==> flow/design.v <==
module gen_sub_unit_mod #(
    parameter int DATA_WIDTH = 16
) (
    input  logic CLK,
    input  logic [DATA_WIDTH-1:0] i_x,
    input  logic [DATA_WIDTH-1:0] i_y,
    output logic [DATA_WIDTH-1:0] o_diff
);
    logic [DATA_WIDTH-1:0] x_d1;
    logic [DATA_WIDTH-1:0] y_d1;
    logic [DATA_WIDTH:0] t_d1;
    always_ff @(posedge CLK) begin
        x_d1 <= i_x;
        y_d1 <= i_y;
        t_d1 <= x_d1 - y_d1;
        o_diff <= t_d1[DATA_WIDTH] ? {DATA_WIDTH{1'b0}} : t_d1[DATA_WIDTH-1:0];
    end
endmodule
### From RTL to reports: gen_sub_unit_mod

Tool output for the design above, in the order of the flow.
Line numbers count from 1 in the design file above.
Operators carry their Yosys type and port widths (W data, S select, Z words).
Library cell names are shortened.
The mark -- stands for no value.

| set-up | value |
|---|---|
| top | gen_sub_unit_mod |
| clock | CLK |
| library | sky130hd |
| timing corner | tt_025C_1v80 |

### After elaboration

Counts by Yosys on the flattened word-level netlist (proc, flatten, opt, wreduce; memories kept). Register bits leave out memories and registers merged into their read ports (data or address); mux counts leave out enables and synchronous resets folded into registers. Print and check cells are left out. Cells with the same type and inputs are merged into one.

| storage and ports | value |
|---|---|
| input port bits | 33 |
| register bits after elaboration | 65 |
| word-level cells | 5 |
| output and inout bits | 16 |

| operators by class | value |
|---|---|
| add/sub/neg operators | 1 |

Operator list:

| cell | count |
|---|---|
| $sub A16 B16 Y17 | 1 |

### Logic depth

Depth = most cells in a row (Yosys ltp): at word level without a register or memory, in the mapped netlist without a sequential cell, where the memories' decode and read muxes count.

| depth | value |
|---|---|
| word-level depth | 1 |
| ABC_AREA | 0 |
| mapped depth | 8 |
| depth with buffers taken out | 8 |

### Mapped cells and area

The flow's flattened synthesis, as Yosys stat reports it; memories are mapped. The netlist is that of the ABC_AREA named above (0 if unset); the other value can give another one.

| mapped netlist | value |
|---|---|
| flip-flops | 65 |
| buffer cells | 5 |
| cells in the netlist | 223 |
| mapped area | 2349.8 µm² |
| area of sequential cells | 1301.2 µm² |

Cells by type:

| cell | count | area in all (µm²) |
|---|---|---|
| dfxtp_1 | 65 | 1.3E+03 |
| ha_1 | 16 | 200.192 |
| nor2b_1 | 19 | 118.864 |
| inv_1 | 24 | 90.086 |
| a21oi_1 | 16 | 80.077 |
| xor2_1 | 6 | 52.55 |
| nand2_1 | 11 | 41.29 |
| o21ai_0 | 8 | 40.038 |
| nor2_1 | 10 | 37.536 |
| o311ai_4 | 1 | 26.275 |
| xnor2_1 | 3 | 26.275 |
| nand3_1 | 5 | 25.024 |
| a21boi_0 | 3 | 22.522 |
| o21a_1 | 3 | 22.522 |
| fa_1 | 1 | 20.019 |
| o31a_4 | 1 | 17.517 |
| a311oi_2 | 1 | 15.014 |
| buf_2 | 3 | 15.014 |

Other cell types: 20; their cells: 27.

### Worst setup path after synthesis

Source: OpenSTA report_checks on the synthesized netlist (no wires, ideal clock, input and output delay 20% of the period each), path of least setup slack; recovery checks are left aside. Register names are those of the netlist, which keeps one name where synthesis merged equal registers.

| timing path after synthesis | value |
|---|---|
| path type | flip-flop to flip-flop |
| from | reg x_d1[0] |
| to | reg t_d1[14] |
| arrival | 1.801 ns |
| clock period | 2.4 ns |
| time at the first pin | 0.000 ns |
| setup slack | 0.479 ns |
| library setup time | 0.120 ns |
| data required time | 2.280 ns |
| delay of the path | 1.921 ns |
| buffers on the path | 0 |
| stages | 9 |
| period reached after synthesis | 1.921 ns |

"delay of the path" is the arrival time less input delay plus setup time.
"stages" counts driving pins, that of a launching flip-flop among them; a cell with two outputs on the path counts twice.
"period reached after synthesis" is the clock period less the worst setup slack; recovery checks do not enter. This is arithmetic on one report: input and output delays are still those of the set period (20% each).
The rows between start and end are the longest chain of elaborated cells between them; the timing report does not say that the signal goes this way. Where chains are equally long, one stands for them.
Each line given opens the expression or statement behind the cell; cells for indexed reads and writes are added by Yosys, which also makes memories of some case tables.

| between the ends, after synthesis | value |
|---|---|
| path through | dfxtp_1 > inv_1 > ha_1 > fa_1 > nor2b_4 > o31a_4 > o311ai_4 > o2111a_1 > a211o_1 |
| cells in the longest elaborated chain | 1 |
| elaborated cells on any way between the ends | 1 |
| RTL lines with such cells | 1 |
| those cells by class | add/sub (1) |

RTL lines, path after synthesis:

| item | RTL line | text |
|---|---|---|
| start, declared | 9 | `logic [DATA_WIDTH-1:0] x_d1;` |
| start, assigned | 13 | `x_d1 <= i_x;` |
| $sub A16 B16 Y17 | 15 | `t_d1 <= x_d1 - y_d1;` |
| end, assigned | 15 |  |
| end, declared | 11 | `logic [DATA_WIDTH:0] t_d1;` |

### Worst path after layout

From the final timing report of run A: the path of least setup slack in the routed layout; clock arrival at registers is part of the times.

| timing path after layout | value |
|---|---|
| path type | flip-flop to flip-flop |
| from | reg x_d1[0] |
| to | reg t_d1[14] |
| stages | 9 |
| buffers on the path | 0 |
| library setup time | 0.11 ns |
| arrival | 2.27 ns |
| time at the first pin | 0.33 ns |
| setup slack | 0.35 ns |
| data required time | 2.62 ns |
| clock period | 2.4 ns |

The rows between start and end are the longest chain of elaborated cells between them; the timing report does not say that the signal goes this way. Where chains are equally long, one stands for them.

| between the ends, after layout | value |
|---|---|
| path through | dfxtp_1 > inv_1 > ha_1 > fa_1 > nor2b_4 > o31a_4 > o311ai_4 > o2111a_1 > a211o_1 |
| cells in the longest elaborated chain | 1 |
| elaborated cells on any way between the ends | 1 |
| RTL lines with such cells | 1 |
| those cells by class | add/sub (1) |

RTL lines, path after layout:

| item | RTL line | text |
|---|---|---|
| start, declared | 9 | `logic [DATA_WIDTH-1:0] x_d1;` |
| start, assigned | 13 | `x_d1 <= i_x;` |
| $sub A16 B16 Y17 | 15 | `t_d1 <= x_d1 - y_d1;` |
| end, assigned | 15 |  |
| end, declared | 11 | `logic [DATA_WIDTH:0] t_d1;` |

Measured results for gen_sub_unit_mod: 3 stored runs of the Yosys and OpenROAD flow on sky130hd. The settings differ; the order carries no meaning. The constraints put input and output delay at 20% of the set period each and load the outputs with 0.01 pF.
"clock period reached" = clock period - worst setup slack. The figure is calculated, with input and output delays left at 20% of the set period.
"critical setup path time": the worst setup path's part of the clock period (all of it between registers, 20% less for each end at a port) less its slack. A launch clock that arrives late makes it longer, a capture clock that arrives late makes it shorter.
By "total power of the final layout" is meant OpenSTA's value without simulated activity: inputs other than the clock are taken to toggle once in ten clock periods, and the tool carries that through the logic.
Among the settings, -- means not set for that run.

| run | period_ns | CAP_MARGIN | CORE_MARGIN | CORE_UTILIZATION | SLEW_MARGIN | SETUP_SLACK_MARGIN | PLACE_DENSITY_LB_ADDON | CELL_PAD_IN_SITES_GLOBAL_PLACEMENT | GPL_TIMING_DRIVEN | CTS_CLUSTER_DIAMETER | HOLD_SLACK_MARGIN | CORE_ASPECT_RATIO | CELL_PAD_IN_SITES_DETAIL_PLACEMENT | TNS_END_PERCENT | GPL_ROUTABILITY_DRIVEN | MIN_ROUTING_LAYER | clock period reached (ns) | area of the synthesized netlist (µm²) | total power of the final layout (mW) | full die area (µm²) | critical setup path time (ns) | critical path type | standard-cell area after routing (µm²) | smallest hold slack (ns) | setup total negative slack (ns) | utilization after layout | setup slack of the critical path (ns) |
|---|---|---|---|---|---|---|---|---|---|---|---|---|---|---|---|---|---|---|---|---|---|---|---|---|---|---|---|
| run A | 2.4 | 20 | 2 | 40 | 20 | -- | -- | -- | -- | -- | -- | -- | -- | -- | -- | -- | 2.051 | 2349.8 | 2.690 | 6503.6 | 2.05 | flip-flop to flip-flop | 3126.8 | 0.434 | 0.000 | 0.561 | 0.349 |
| run B | 3.33 | 20 | 10 | 46 | 20 | 0.24 | 0.09 | 1 | 0 | 218 | -- | -- | -- | -- | -- | -- | 2.073 | 2349.8 | 1.852 | 8366.8 | 2.07 | flip-flop to flip-flop | 3110.5 | 0.437 | 0.000 | 0.642 | 1.257 |
| run C | 1.73 | 35 | 6 | 36 | 20 | 0.15 | -- | -- | -- | -- | -0.06 | 0.94 | 2 | 75 | 1 | met1 | 2.063 | 2349.8 | 4.239 | 8611.2 | 2.06 | flip-flop to flip-flop | 3816.2 | 0.426 | -1.910 | 0.605 | -0.333 |
